==> flow/design.v <==
module dp_arith_n (i_clk, rst, opa, opb, op, diff);
   parameter DW = 6;
   input i_clk;
   input rst;
   input [DW-1:0] opa;
   input [DW-1:0] opb;
   input op;
   output reg [DW-1:0] diff;
   reg [DW-1:0] work;
   always @* begin
      if (op)
         work = opa - opb;
      else
         work = opa + opb;
   end
   always @(posedge i_clk) begin
      if (rst) begin
         diff <= 0;
      end else begin
         diff <= work;
      end
   end
endmodule
# [Tool chain data of dp_arith_n]
# A sweep over "DW": the same steps for each member of the family.
# The RTL above is that of DW = 6; lines are counted from 1 in the file of the member named.
# Operators carry their Yosys type and port widths (W data, S select, Z words).
# Cell names lack the library's common part.
# Not given: -
[setup] top="dp_arith_n" clock="i_clk" library="sky130hd" pvt_corner="tt_025C_1v80"

# [Members of the sweep]
# New or changed lines of each further member against the RTL above, in its own file; lines it lacks are not shown.
[changed_lines] DW=18 line_no=2 text="parameter DW = 18;"
[changed_lines] DW=96 line_no=2 text="parameter DW = 96;"

# [Elaborated design]
# Yosys after proc, flatten, opt, wreduce and memory -nomap, before mapping. Enables and synchronous resets that opt folds into registers are not counted as muxes. Memory bits, and registers merged into a memory's read port (data or address), are not among the register bits. Print and check cells are not counted. Equal cells are merged and count once.
[classes] DW=6 add_sub_neg=2 muxes=1
[classes] DW=18 add_sub_neg=2 muxes=1
[classes] DW=96 add_sub_neg=2 muxes=1
[ops] DW=6 op_list="$add A6 B6 Y6 (1); $sub A6 B6 Y6 (1); $mux W6 (1)"
[ops] DW=18 op_list="$add A18 B18 Y18 (1); $sub A18 B18 Y18 (1); $mux W18 (1)"
[ops] DW=96 op_list="$add A96 B96 Y96 (1); $sub A96 B96 Y96 (1); $mux W96 (1)"
[bits] DW=6 register_bits=6
[bits] DW=18 register_bits=18
[bits] DW=96 register_bits=96

# [Depth]
# Longest topological path by Yosys (ltp), each cell counted once; first at word level (registers and memories cut), then after technology mapping (sequential cells cut; the memories' decode and read muxes count).
[depth] DW=6 ltp_word=2 ABC_AREA=0 ltp_mapped=10 mapped_depth_nobuf=10
[depth] DW=18 ltp_word=2 ABC_AREA=0 ltp_mapped=14 mapped_depth_nobuf=14
[depth] DW=96 ltp_word=2 ABC_AREA=0 ltp_mapped=22 mapped_depth_nobuf=20

# [Mapped cells and area]
# Yosys stat after the flow's synthesis: flattened, memories mapped to cells. It holds for the ABC_AREA given above (unset counts as 0); a run with the other value may have another netlist.
# Totals and module areas in this step are rounded.
[mapped] DW=6 cells=50 synth_area_um2=430 flip_flops=6 n_buf=0
[mapped] DW=18 cells=207 synth_area_um2=1700 flip_flops=18 n_buf=3
[mapped] DW=96 cells=1471 synth_area_um2=10000 flip_flops=96 n_buf=54
[types] DW=6 type_list="dfxtp_1 (6); ha_1 (6); xnor2_1 (6); nor2_1 (11); a21oi_1 (5); fa_1 (1); xor2_1 (2); inv_1 (4); nor2b_1 (2); mux2i_1 (1); nor3_2 (1); a21o_1 (1); o21a_1 (1); o31ai_1 (1); nand2b_1 (1); o21ai_0 (1)"
[types] DW=18 type_list="dfxtp_1 (18); ha_1 (18); xnor2_1 (21); nor2_1 (34); a21oi_1 (14); o21ai_0 (13); a211oi_1 (7); a21o_1 (6); xor2_1 (5); nor2b_1 (6); o31ai_1 (5); nand2_1 (9); inv_1 (8); a221oi_1 (3); mux2_2 (2); nor4_4 (1); fa_1 (1); nor3_1 (4); (+32)"
[types] DW=96 type_list="dfxtp_1 (96); ha_1 (97); xnor2_1 (133); a21oi_1 (179); nor2_1 (219); nand2_1 (120); o21ai_0 (84); xor2_1 (43); nor3_1 (56); a21o_1 (31); a31oi_1 (34); nand4_1 (34); clkbuf_1 (47); o21bai_1 (21); inv_1 (41); nor4_1 (22); or3_1 (20); o21a_1 (13); (+181)"
# A list marked (+n) leaves out that many cells.

# [Timing after synthesis]
# OpenSTA on the mapped netlist: ideal clock, no wires. The path of least setup slack (recovery checks aside). Input and output delay are each 20% of the period. Register names are those of the netlist, which keeps one name where synthesis merged equal registers.
[synth_timing] DW=6 kind="input to register" from="input opb[0]" to="register diff[5]" tclk_ns=2.4 path_slack_ns=0.383 stages=9 path_delay_ns=1.537 period_less_setup_slack_ns=2.017
[synth_timing] DW=18 kind="input to register" from="input opb[5]" to="register diff[13]" tclk_ns=4.1 path_slack_ns=0.655 stages=10 path_delay_ns=2.625 period_less_setup_slack_ns=3.445
[synth_timing] DW=96 kind="input to register" from="input opb[31]" to="register diff[89]" tclk_ns=7.11 path_slack_ns=1.135 stages=20 path_delay_ns=4.553 period_less_setup_slack_ns=5.975
# "path_delay_ns" is the arrival time less input delay plus setup time.
# "stages": output pins that drive a net of the path, with the launching flip-flop's if there is one; two outputs of one cell count as two.
# "period_less_setup_slack_ns" is the clock period less the worst setup slack; recovery checks do not enter. This is arithmetic on one report: input and output delays are still those of the set period (20% each).
# The rows between start and end are the longest chain of elaborated cells between them; the timing report does not say that the signal goes this way. Where chains are equally long, one stands for them.
# Each line given opens the expression or statement behind the cell; cells for indexed reads and writes are added by Yosys, which also makes memories of some case tables.
[synth_via_DW_6] elab_chain_len=2
[synth_rtl_DW_6] element="start: declaration" line_no=6 text="input [DW-1:0] opb;"
[synth_rtl_DW_6] element="$add A6 B6 Y6" line_no=14 text="work = opa + opb;"
[synth_rtl_DW_6] element="$mux W6" line_no=11 text="if (op)"
[synth_rtl_DW_6] element="end: assignment" line_no=18 text="diff <= 0;"
[synth_rtl_DW_6] element="end: assignment" line_no=20 text="diff <= work;"
[synth_rtl_DW_6] element="end: declaration" line_no=8 text="output reg [DW-1:0] diff;"
[synth_via_DW_96] elab_chain_len=2
[synth_rtl_DW_96] element="start: declaration" line_no=6 text="input [DW-1:0] opb;"
[synth_rtl_DW_96] element="$add A96 B96 Y96" line_no=14 text="work = opa + opb;"
[synth_rtl_DW_96] element="$mux W96" line_no=11 text="if (op)"
[synth_rtl_DW_96] element="end: assignment" line_no=18 text="diff <= 0;"
[synth_rtl_DW_96] element="end: assignment" line_no=20 text="diff <= work;"
[synth_rtl_DW_96] element="end: declaration" line_no=8 text="output reg [DW-1:0] diff;"

# [Path in the finished layout]
# From the final timing report of the run of each member: the path of least setup slack in the routed layout; clock arrival at registers is part of the times.
[layout_timing] DW=6 kind="input to register" from="input op" to="register diff[5]" tclk_ns=2.4 path_slack_ns=0.14 stages=8 t_arrival_ns=2.36 path_buffers=1
[layout_timing] DW=18 kind="input to register" from="input opb[5]" to="register diff[13]" tclk_ns=4.1 path_slack_ns=0.29 stages=10 t_arrival_ns=3.95 path_buffers=1
[layout_timing] DW=96 kind="input to register" from="input opb[29]" to="register diff[89]" tclk_ns=7.11 path_slack_ns=0.45 stages=20 t_arrival_ns=6.92 path_buffers=1

# [Layout results]
# Settings and results of one run of the flow (Yosys, OpenROAD) for each member follow. The constraints put input and output delay at 20% of the set period each and load the outputs with 0.01 pF.
[flow_settings] CAP_MARGIN=20 CORE_MARGIN=2 CORE_UTILIZATION=40 SLEW_MARGIN=20
[settings_by_member] DW=6 period_ns=2.4
[settings_by_member] DW=18 period_ns=4.1
[settings_by_member] DW=96 period_ns=7.11
[measured] DW=6 yosys_chip_area_um2=430 final_die_area_um2=1400 stdcell_area_um2=780 ws_setup_ns=0.14 timing.setup.tns_ns=0.000 fin_power_w=0.00038 clock_period_reached_ns=2.263
[measured] DW=18 yosys_chip_area_um2=1700 final_die_area_um2=4700 stdcell_area_um2=2400 ws_setup_ns=0.29 timing.setup.tns_ns=0.000 fin_power_w=0.00075 clock_period_reached_ns=3.814
[measured] DW=96 yosys_chip_area_um2=10000 final_die_area_um2=28000 stdcell_area_um2=14000 ws_setup_ns=0.45 timing.setup.tns_ns=0.000 fin_power_w=0.0027 clock_period_reached_ns=6.659
# "clock_period_reached_ns": clock period set for the run, less the worst setup slack. It is reckoned from that one timing run; input and output delays stay at 20% of the period that was set.
# "fin_power_w": no workload was simulated; the value follows from the tool's default switching activity.
# The measured numbers are rounded.
